==> flow/design.v <==
module gen_sh_core_v2 #(
  parameter XLEN = 12,
  parameter SEL_W = $clog2(XLEN)
) (
  input  wire clk_i,
  input  wire [XLEN-1:0] ch_i,
  input  wire [SEL_W-1:0] n_i,
  output reg [XLEN-1:0] res_o
);
  reg [XLEN-1:0] t;
  integer k;
  always @* begin
    t = ch_i;
    for (k = 0; k < SEL_W; k = k + 1)
      if (n_i[k]) t = t << (1 << k);
  end
  always @(posedge clk_i)
    res_o <= t;
endmodule
# Reports on gen_sh_core_v2
# The steps from the RTL of gen_sh_core_v2 to its reports follow in flow order.
# Lines are those of the file above, counted from 1.
# Operators: Yosys type, input widths -> output width; for muxes data width and select width s.
# Library cell names are shortened.
setup:
  top: "gen_sh_core_v2"
  clk_port: "clk_i"
  cell_library: "sky130hd"
  pvt_corner: "tt_025C_1v80"

# Elaborated design
# Counts by Yosys on the flattened word-level netlist (proc, flatten, opt, wreduce; memories kept). Register bits leave out memories and registers merged into their read ports (data or address). Print and check cells are left out. Cells with the same type and inputs are merged into one.
bits:
  mem_bits_ro: 0
  word_cells: 6
  n_memories: 0
  reg_bits: 12
  output_inout_bits: 12
  ram_bits: 0
  in_bits: 17
  clocked_rd_ports_x_width: 0
  latch_bits: 0
op_classes:
  n_addsub: 0
  div_mod_pow: 0
  n_logic: 0
  cmp: 0
  reduce_and_logical: 0
  shifts: 0
  eq_ne: 0
  mux: 4
  mul: 0
ops:
  columns: ["operator", "count"]
  rows:
  - ["$mux 12", 4]

# Longest topological paths
# Yosys ltp: most cells in a row. Word level: on the elaborated netlist, between registers, memories and ports. Mapped: between sequential cells and ports; inverters and the memories' decode and read muxes count.
logic_depth:
  word_depth: 4
  ABC_AREA: 0
  ltp_mapped: 5
  ltp_nobuf: 3

# After synthesis
# The flow's flattened synthesis, as Yosys stat reports it; memories are mapped. The netlist is that of the ABC_AREA named above (0 if unset); the other value can give another one.
# The area totals of this step are shown rounded.
mapped:
  ffs: 12
  cells: 61
  n_buf: 4
  seq_area_mm2: 0.00024
  mapped_area_mm2: 0.000734
types:
  columns: ["type", "count", "area_total_um2"]
  rows:
  - ["dfxtp_1", 12, 240.23]
  - ["mux4_2", 9, 202.694]
  - ["mux2i_1", 7, 70.067]
  - ["mux4_1", 1, 26.275]
  - ["and2_1", 3, 18.768]
  - ["nand2_1", 5, 18.768]
  - ["a22o_1", 2, 17.517]
  - ["a31o_1", 2, 17.517]
  - ["buf_4", 2, 15.014]
  - ["nand2b_1", 2, 12.512]
  - ["buf_6", 1, 11.261]
  - ["mux2_2", 1, 11.261]
  - ["nor2_1", 3, 11.261]
  - ["a21oi_1", 2, 10.01]
  - ["a22oi_1", 1, 7.507]
  - ["nand3b_1", 1, 7.507]
  - ["nor3b_1", 1, 7.507]
  - ["nor2b_1", 1, 6.256]
# Other cell types: 5; their cells: 5.

# Path before layout
# OpenSTA on the mapped netlist: ideal clock, no wires. The path of least setup slack (recovery checks aside). Input and output delay are each 20% of the period. Register names are those of the netlist, which keeps one name where synthesis merged equal registers.
synth_timing:
  path_kind: "input-to-reg"
  from: "input port n_i[1]"
  to: "register res_o[8]"
  path_delay_ns: 1.129
  input_delay_ns: 0.352
  launch_ns: 0.352
  driving_pins: 4
  path_buffers: 1
  clock_period_ns: 1.76
  slack_ns: 0.279
  required_time_ns: 1.644
  setup_time_ns: 0.116
  arrival_ns: 1.365
  synth_period_reached_ns: 1.481
# "path_delay_ns" is the arrival time less input delay plus setup time.
# "driving_pins" counts driving pins, that of a launching flip-flop among them; a cell with two outputs on the path counts twice.
# "synth_period_reached_ns" is the clock period less the worst setup slack; recovery checks do not enter. This is arithmetic on one report: input and output delays are still those of the set period (20% each).
# Between the ends stands the longest chain of elaborated cells between them, by number of cells; it is not shown to be the way that was timed. Of several equally long chains one is given.
# Each line given opens the expression or statement behind the cell; cells for indexed reads and writes are added by Yosys, which also makes memories of some case tables.
synth_between:
  path_cell_list: "buf_6 -> mux4_2 -> a22o_1 -> a31o_1"
  elab_chain_cells: 3
  cone_cells: 3
  lines_between: 1
  classes_between: "mux (3)"
synth_rtl:
  columns: ["item", "line", "rtl"]
  rows:
  - ["start: declaration", 7, "input  wire [SEL_W-1:0] n_i,"]
  - ["$mux 12 x3", 15, "if (n_i[k]) t = t << (1 << k);"]
  - ["end: assignment", 18, "res_o <= t;"]
  - ["end: declaration", 8, "output reg [XLEN-1:0] res_o"]

# Worst path after layout
# Path of least setup slack in the final report of job 2 (OpenROAD, finished layout, wires in). Where an end is a register, its clock arrival counts in the times.
layout_timing:
  path_kind: "input-to-reg"
  from: "input port n_i[0]"
  to: "register res_o[8]"
  arrival_ns: 2.11
  required_time_ns: 2.64
  clock_period_ns: 2.48
  setup_time_ns: 0.10
  launch_ns: 0.50
  input_delay_ns: 0.50
  slack_ns: 0.53
  path_buffers: 2
  driving_pins: 5
# Between the ends stands the longest chain of elaborated cells between them, by number of cells; it is not shown to be the way that was timed. Of several equally long chains one is given.
layout_between:
  path_cell_list: "clkdlybuf4s50_1 -> buf_4 -> mux4_2 -> a22o_1 -> a31o_1"
  elab_chain_cells: 4
  cone_cells: 4
  lines_between: 1
  classes_between: "mux (4)"
layout_rtl:
  columns: ["item", "line", "rtl"]
  rows:
  - ["start: declaration", 7, "input  wire [SEL_W-1:0] n_i,"]
  - ["$mux 12 x4", 15, "if (n_i[k]) t = t << (1 << k);"]
  - ["end: assignment", 18, "res_o <= t;"]
  - ["end: declaration", 8, "output reg [XLEN-1:0] res_o"]

Lab notebook: gen_sh_core_v2

Measured results for gen_sh_core_v2: 3 stored runs of the Yosys and OpenROAD flow on sky130hd. The settings differ; the order carries no meaning. The constraints put input and output delay at 20% of the set period each and load the outputs with 0.01 pF.
"achieved_period_ns": clock period set for the run, less the worst setup slack. It is reckoned from that one timing run; input and output delays stay at 20% of the period that was set.
"worst_path_time_ns": the worst setup path's part of the clock period (all of it between registers, 20% less for each end at a port) less its slack. A launch clock that arrives late makes it longer, a capture clock that arrives late makes it shorter.
By "total_power_uw" is meant OpenSTA's value without simulated activity: inputs other than the clock are taken to toggle once in ten clock periods, and the tool carries that through the logic.
Results are given in rounded form.

--- job 1 ---
==> flow/run.sh <==
#!/bin/bash
# the make line also repeats the synthesis and layout settings of config.mk as NAME=value (left out here)
make -C /OpenROAD-flow-scripts/flow DESIGN_CONFIG=/design/flow/config.mk WORK_HOME=/design/flow/orfs CLKGATE_MAP_FILE= finish
==> flow/config.mk <==
export PLATFORM = sky130hd
export DESIGN_NAME = gen_sh_core_v2
export DESIGN_NICKNAME = gen_sh_core_v2
export VERILOG_FILES = /design/flow/design.v
export SDC_FILE = /design/flow/constraint.sdc
export NUM_CORES = 4
export LEC_CHECK = 0
export ABC_AREA = 0
export CAP_MARGIN = 20
export CELL_PAD_IN_SITES_DETAIL_PLACEMENT = 1
export CELL_PAD_IN_SITES_GLOBAL_PLACEMENT = 2
export CORE_ASPECT_RATIO = 1.08
export CORE_MARGIN = 2
export CORE_UTILIZATION = 45
export MIN_ROUTING_LAYER = met2
export PLACE_DENSITY = 0.36
export SETUP_SLACK_MARGIN = -0.06
export SLEW_MARGIN = 20
export TNS_END_PERCENT = 15
==> flow/constraint.sdc <==
create_clock -name core_clock -period 1.04 [get_ports {clk_i}]
set_input_delay 0.2080 -clock core_clock [delete_from_list [all_inputs] [get_ports {clk_i}]]
set_output_delay 0.2080 -clock core_clock [all_outputs]
set_load 0.01 [all_outputs]

==> results, as YAML <==
outcome: "no final report: placement broke off with GPL-0301"

--- job 2 ---
==> flow/run.sh <==
#!/bin/bash
# the make line also repeats the synthesis and layout settings of config.mk as NAME=value (left out here)
make -C /OpenROAD-flow-scripts/flow DESIGN_CONFIG=/design/flow/config.mk WORK_HOME=/design/flow/orfs CLKGATE_MAP_FILE= finish
==> flow/config.mk <==
export PLATFORM = sky130hd
export DESIGN_NAME = gen_sh_core_v2
export DESIGN_NICKNAME = gen_sh_core_v2
export VERILOG_FILES = /design/flow/design.v
export SDC_FILE = /design/flow/constraint.sdc
export NUM_CORES = 4
export LEC_CHECK = 0
export CAP_MARGIN = 20
export CORE_MARGIN = 5
export CORE_UTILIZATION = 34
export CTS_CLUSTER_DIAMETER = 286
export GPL_ROUTABILITY_DRIVEN = 1
export GPL_TIMING_DRIVEN = 0
export MAX_ROUTING_LAYER = met5
export MIN_ROUTING_LAYER = met2
export PLACE_DENSITY_LB_ADDON = 0.28
export SETUP_SLACK_MARGIN = -0.17
export SLEW_MARGIN = 20
==> flow/constraint.sdc <==
create_clock -name core_clock -period 2.48 [get_ports {clk_i}]
set_input_delay 0.4960 -clock core_clock [delete_from_list [all_inputs] [get_ports {clk_i}]]
set_output_delay 0.4960 -clock core_clock [all_outputs]
set_load 0.01 [all_outputs]

==> results, as YAML <==
results:
  synthesis_area_mm2: 0.000734
  total_die_area_mm2: 0.00319
  cell_area_final_mm2: 0.00107
  fin_util_pct: 53.7
  worstSetupSlack_ns: 0.529
  timing.setup.tns_ns: 0.000
  final_hold_ws_ns: 0.747
  total_power_uw: 521
  achieved_period_ns: 1.951
  worst_path_time_ns: 1.45
  critical_path_type: "input-to-reg"

--- job 3 ---
==> flow/run.sh <==
#!/bin/bash
# the make line also repeats the synthesis and layout settings of config.mk as NAME=value (left out here)
make -C /OpenROAD-flow-scripts/flow DESIGN_CONFIG=/design/flow/config.mk WORK_HOME=/design/flow/orfs CLKGATE_MAP_FILE= finish
==> flow/config.mk <==
export PLATFORM = sky130hd
export DESIGN_NAME = gen_sh_core_v2
export DESIGN_NICKNAME = gen_sh_core_v2
export VERILOG_FILES = /design/flow/design.v
export SDC_FILE = /design/flow/constraint.sdc
export NUM_CORES = 4
export LEC_CHECK = 0
export CAP_MARGIN = 20
export CORE_MARGIN = 2
export CORE_UTILIZATION = 40
export SLEW_MARGIN = 20
==> flow/constraint.sdc <==
create_clock -name core_clock -period 1.76 [get_ports {clk_i}]
set_input_delay 0.3520 -clock core_clock [delete_from_list [all_inputs] [get_ports {clk_i}]]
set_output_delay 0.3520 -clock core_clock [all_outputs]
set_load 0.01 [all_outputs]

==> results, as YAML <==
results:
  synthesis_area_mm2: 0.000734
  total_die_area_mm2: 0.00219
  cell_area_final_mm2: 0.00116
  fin_util_pct: 67.2
  worstSetupSlack_ns: 0.144
  timing.setup.tns_ns: 0.000
  final_hold_ws_ns: 0.719
  total_power_uw: 703
  achieved_period_ns: 1.616
  worst_path_time_ns: 1.26
  critical_path_type: "input-to-reg"
